==> flow/design.v <==
module fa (
  input wire a,
  input wire b,
  input wire ci,
  output wire s,
  output wire co
);
  assign {co, s} = a + b + ci;
endmodule
module summer #(
  parameter WD = 64
) (
  input wire clk_i,
  input wire rst_n,
  input wire step,
  input wire [WD-1:0] A_in,
  input wire [WD-1:0] B_in,
  input wire c0_in,
  output wire [WD-1:0] out_out,
  output wire cy_out
);
  reg [WD-1:0] r_A;
  reg [WD-1:0] r_B;
  reg r_c0;
  wire [WD-1:0] tmp;
  wire [WD:0] carry;
  assign carry[0] = r_c0;
  genvar g;
  generate
    for (g = 0; g < WD; g = g + 1) begin : row
      fa u0 (.a(r_A[g]), .b(r_B[g]), .ci(carry[g]), .s(tmp[g]), .co(carry[g+1]));
    end
  endgenerate
  assign out_out = tmp;
  assign cy_out = carry[WD];
  always @(posedge clk_i) begin
    if (~rst_n) begin
      r_A <= 0;
      r_B <= 0;
      r_c0 <= 1'b0;
    end else if (step) begin
      r_A <= A_in;
      r_B <= B_in;
      r_c0 <= c0_in;
    end
  end
endmodule
From RTL to reports: summer --
What the tools print for summer, step after step. Line numbers count from 1 in the design file above. Library cell names are shortened. The mark -- stands for no value.
Design: top summer, clock port clk_i, standard-cell library sky130hd, library corner tt_025C_1v80

After elaboration --
Yosys after proc, flatten, opt, wreduce and memory -nomap, before mapping. Enables and synchronous resets that opt folds into registers are not counted as muxes. Memory bits, and registers merged into a memory's read port (data or address), are not among the register bits. Print and check cells are not counted. Equal cells are merged and count once.
Storage and ports: elaborated cells 131, output and inout port bits 65, bits in registers 129, input port bits 132
Cells by class: add/sub/neg operators 128
Operators with widths (number):
- 1-bit by 1-bit adder with 2-bit output | 64
- 2-bit by 1-bit adder with 2-bit output | 64

Depth --
Longest topological path by Yosys (ltp), each cell counted once; first at word level (registers and memories cut), then after technology mapping (sequential cells cut; the memories' decode and read muxes count).
Depth: word-level depth 65, ABC_AREA 0, gate-level depth with buffers 69, mapped depth without buffers 68

Mapped cells and area --
The flow's flattened synthesis, as Yosys stat reports it; memories are mapped. The netlist is that of the ABC_AREA named above (0 if unset); the other value can give another one.
Synthesis totals: area of sequential cells 2582.5 um^2, buffers 93, cell area after synthesis 6799.0 um^2, standard cells after synthesis 554, flip-flops 129
Cell types:
- dfxtp_1 | number 129, total area 2.58E+03 um^2
- mux2i_1 | number 129, total area 1.29E+03 um^2
- fa_1 | number 64, total area 1.28E+03 um^2
- nor2b_1 | number 129, total area 807.024 um^2
- buf_4 | number 66, total area 495.475 um^2
- buf_12 | number 11, total area 220.211 um^2
- clkbuf_1 | number 13, total area 48.797 um^2
- inv_1 | number 10, total area 37.536 um^2
- buf_8 | number 2, total area 30.029 um^2
- buf_2 | number 1, total area 5.005 um^2
The figures by module come from a second, unflattened synthesis with its own total; it is not the netlist above.
Second synthesis, totals: cells (unflattened synthesis) 480, area (unflattened synthesis) 6281.0 um^2
Rows give one instance, submodules left out.
Modules:
- summer | instances 1, sequential area 2582.5 um^2, area 4999.8 um^2, cells 416
- fa | instances 64, sequential area 0.0 um^2, area 20.0 um^2, cells 1

Path before layout --
OpenSTA on the mapped netlist: ideal clock, no wires. The path of least setup slack (recovery checks aside). Input and output delay are each 20% of the period. Register names are those of the netlist, which keeps one name where synthesis merged equal registers.
Timing path post-synthesis: kind flip-flop to output port, start point register r_c0, end point output out_out[63], time at the first pin 0.000 ns, output delay 7.720 ns, path buffers 1, driving pins on the path 70, required time 30.880 ns, slack 6.200 ns, path delay 24.680 ns, clock period 38.6 ns, data arrival time 24.680 ns, synthesis period reached 32.4 ns
"path delay" = arrival - input delay + setup time. At an output port there is no setup time. "driving pins on the path" counts driving pins, that of a launching flip-flop among them; a cell with two outputs on the path counts twice. "synthesis period reached" is the clock period less the worst setup slack; recovery checks do not enter. This is arithmetic on one report: input and output delays are still those of the set period (20% each). The rows between start and end are the longest chain of elaborated cells between them; the timing report does not say that the signal goes this way. Where chains are equally long, one stands for them. Each line given opens the expression or statement behind the cell; cells for indexed reads and writes are added by Yosys, which also makes memories of some case tables.
Between the ends, post-synthesis: path through dfxtp_1 inv_1 fa_1 inv_1 fa_1 fa_1 fa_1 fa_1 fa_1 fa_1 fa_1 fa_1 fa_1 fa_1 fa_1 fa_1 fa_1 fa_1 [34 not listed] fa_1 fa_1 fa_1 fa_1 fa_1 fa_1 fa_1 fa_1 fa_1 fa_1 fa_1 fa_1 fa_1 fa_1 inv_1 fa_1 inv_1 buf_4, cells in the longest elaborated chain 64, elaborated cells on any way between the ends 64, source lines of those cells 1, classes of those cells add/sub (64)
Ends and longest elaborated chain, post-synthesis:
- start, declared | RTL line 24 | reg r_c0;
- start, assigned | RTL line 40 | r_c0 <= 1'b0;
- start, assigned | RTL line 44 | r_c0 <= c0_in;
- 2-bit by 1-bit adder with 2-bit output (64 in a row) | RTL line 8 | assign {co, s} = a + b + ci;
- end, declared | RTL line 19 | output wire [WD-1:0] out_out,
Nets of the timed path that keep an RTL name, with a line that drives or declares them; the list need not be complete.
Nets with RTL names, path post-synthesis (RTL line):
- row[63].u0.s | 8

Timing after layout --
From the final timing report of job 1: the path of least setup slack in the routed layout; clock arrival at registers is part of the times.
Timing path post-layout: kind flip-flop to output port, start point register r_c0, end point output out_out[63], output delay 5.46 ns, required time 21.84 ns, driving pins on the path 70, clock period 27.3 ns, path buffers 1, slack -1.98 ns, time at the first pin 0.41 ns, data arrival time 23.82 ns
The rows between start and end are the longest chain of elaborated cells between them; the timing report does not say that the signal goes this way. Where chains are equally long, one stands for them.
Between the ends, post-layout: path through dfxtp_2 inv_2 fa_2 inv_2 fa_2 fa_2 fa_2 fa_2 fa_2 fa_2 fa_2 fa_2 fa_2 fa_2 fa_2 fa_2 fa_2 fa_2 [34 not listed] fa_2 fa_2 fa_2 fa_2 fa_2 fa_2 fa_2 fa_2 fa_2 fa_2 fa_2 fa_2 fa_2 fa_2 inv_2 fa_1 inv_1 buf_2, cells in the longest elaborated chain 64, elaborated cells on any way between the ends 64, source lines of those cells 1, classes of those cells add/sub (64)
Ends and longest elaborated chain, post-layout:
- start, declared | RTL line 24 | reg r_c0;
- start, assigned | RTL line 40 | r_c0 <= 1'b0;
- start, assigned | RTL line 44 | r_c0 <= c0_in;
- 2-bit by 1-bit adder with 2-bit output (64 in a row) | RTL line 8 | assign {co, s} = a + b + ci;
- end, declared | RTL line 19 | output wire [WD-1:0] out_out,

Wiki page: summer / flow data

Measured data: module summer, platform sky130hd, 3 stored runs of the flow under differing settings, order arbitrary. Input and output delays are each 20% of the period that was set; the output load is 0.01 pF.
"period achieved" is the run's clock period less its worst setup slack. It is reckoned from that one timing run; input and output delays stay at 20% of the period that was set.
By "power" is meant OpenSTA's value without simulated activity: inputs other than the clock are taken to toggle once in ten clock periods, and the tool carries that through the logic.

[job 1] flow files
==> flow/run.sh <==
#!/bin/bash
# the make line also repeats the synthesis and layout settings of config.mk as NAME=value (left out here)
make -C /OpenROAD-flow-scripts/flow DESIGN_CONFIG=/design/flow/config.mk WORK_HOME=/design/flow/orfs CLKGATE_MAP_FILE= finish
==> flow/config.mk <==
export PLATFORM = sky130hd
export DESIGN_NAME = summer
export DESIGN_NICKNAME = summer
export VERILOG_FILES = /design/flow/design.v
export SDC_FILE = /design/flow/constraint.sdc
export NUM_CORES = 4
export LEC_CHECK = 0
export CAP_MARGIN = 0
export CELL_PAD_IN_SITES_DETAIL_PLACEMENT = 1
export CORE_MARGIN = 2
export CORE_UTILIZATION = 41
export PLACE_DENSITY_LB_ADDON = 0.21
export SETUP_SLACK_MARGIN = 5.0
export SLEW_MARGIN = 20
export TNS_END_PERCENT = 75
==> flow/constraint.sdc <==
create_clock -name core_clock -period 27.3 [get_ports {clk_i}]
set_input_delay 5.4600 -clock core_clock [delete_from_list [all_inputs] [get_ports {clk_i}]]
set_output_delay 5.4600 -clock core_clock [all_outputs]
set_load 0.01 [all_outputs]

[job 1] result: utilization in the final report 55.1%; post-route worst hold slack 0.524 ns; standard-cell area after routing 9041.2 um^2; period achieved 29.277 ns; chip area in the Yosys report 6799.0 um^2; lowest setup slack -1.977 ns; power 0.5416 mW; die footprint 17629.2 um^2

[job 2] flow files
==> flow/run.sh <==
#!/bin/bash
# the make line also repeats the synthesis and layout settings of config.mk as NAME=value (left out here)
make -C /OpenROAD-flow-scripts/flow DESIGN_CONFIG=/design/flow/config.mk WORK_HOME=/design/flow/orfs CLKGATE_MAP_FILE= finish
==> flow/config.mk <==
export PLATFORM = sky130hd
export DESIGN_NAME = summer
export DESIGN_NICKNAME = summer
export VERILOG_FILES = /design/flow/design.v
export SDC_FILE = /design/flow/constraint.sdc
export NUM_CORES = 4
export LEC_CHECK = 0
export CAP_MARGIN = 40
export CELL_PAD_IN_SITES_DETAIL_PLACEMENT = 2
export CELL_PAD_IN_SITES_GLOBAL_PLACEMENT = 2
export CORE_MARGIN = 2
export CORE_UTILIZATION = 33
export HOLD_SLACK_MARGIN = 0.11
export MIN_ROUTING_LAYER = met1
export PLACE_DENSITY_LB_ADDON = 0.2
export SLEW_MARGIN = 30
export TNS_END_PERCENT = 5
==> flow/constraint.sdc <==
create_clock -name core_clock -period 55.2 [get_ports {clk_i}]
set_input_delay 11.0400 -clock core_clock [delete_from_list [all_inputs] [get_ports {clk_i}]]
set_output_delay 11.0400 -clock core_clock [all_outputs]
set_load 0.01 [all_outputs]

[job 2] result: utilization in the final report 44.5%; chip area in the Yosys report 6799.0 um^2; lowest setup slack 16.576 ns; post-route worst hold slack 0.517 ns; standard-cell area after routing 9013.6 um^2; power 0.2739 mW; period achieved 38.624 ns; die footprint 21766.6 um^2

[job 3] flow files
==> flow/run.sh <==
#!/bin/bash
# the make line also repeats the synthesis and layout settings of config.mk as NAME=value (left out here)
make -C /OpenROAD-flow-scripts/flow DESIGN_CONFIG=/design/flow/config.mk WORK_HOME=/design/flow/orfs CLKGATE_MAP_FILE= finish
==> flow/config.mk <==
export PLATFORM = sky130hd
export DESIGN_NAME = summer
export DESIGN_NICKNAME = summer
export VERILOG_FILES = /design/flow/design.v
export SDC_FILE = /design/flow/constraint.sdc
export NUM_CORES = 4
export LEC_CHECK = 0
export CAP_MARGIN = 20
export CORE_MARGIN = 2
export CORE_UTILIZATION = 40
export SLEW_MARGIN = 20
==> flow/constraint.sdc <==
create_clock -name core_clock -period 38.6 [get_ports {clk_i}]
set_input_delay 7.7200 -clock core_clock [delete_from_list [all_inputs] [get_ports {clk_i}]]
set_output_delay 7.7200 -clock core_clock [all_outputs]
set_load 0.01 [all_outputs]

[job 3] result: power 0.3649 mW; post-route worst hold slack 0.521 ns; period achieved 34.635 ns; lowest setup slack 3.965 ns; standard-cell area after routing 8821.0 um^2; chip area in the Yosys report 6799.0 um^2; die footprint 18056.6 um^2; utilization in the final report 53.2%
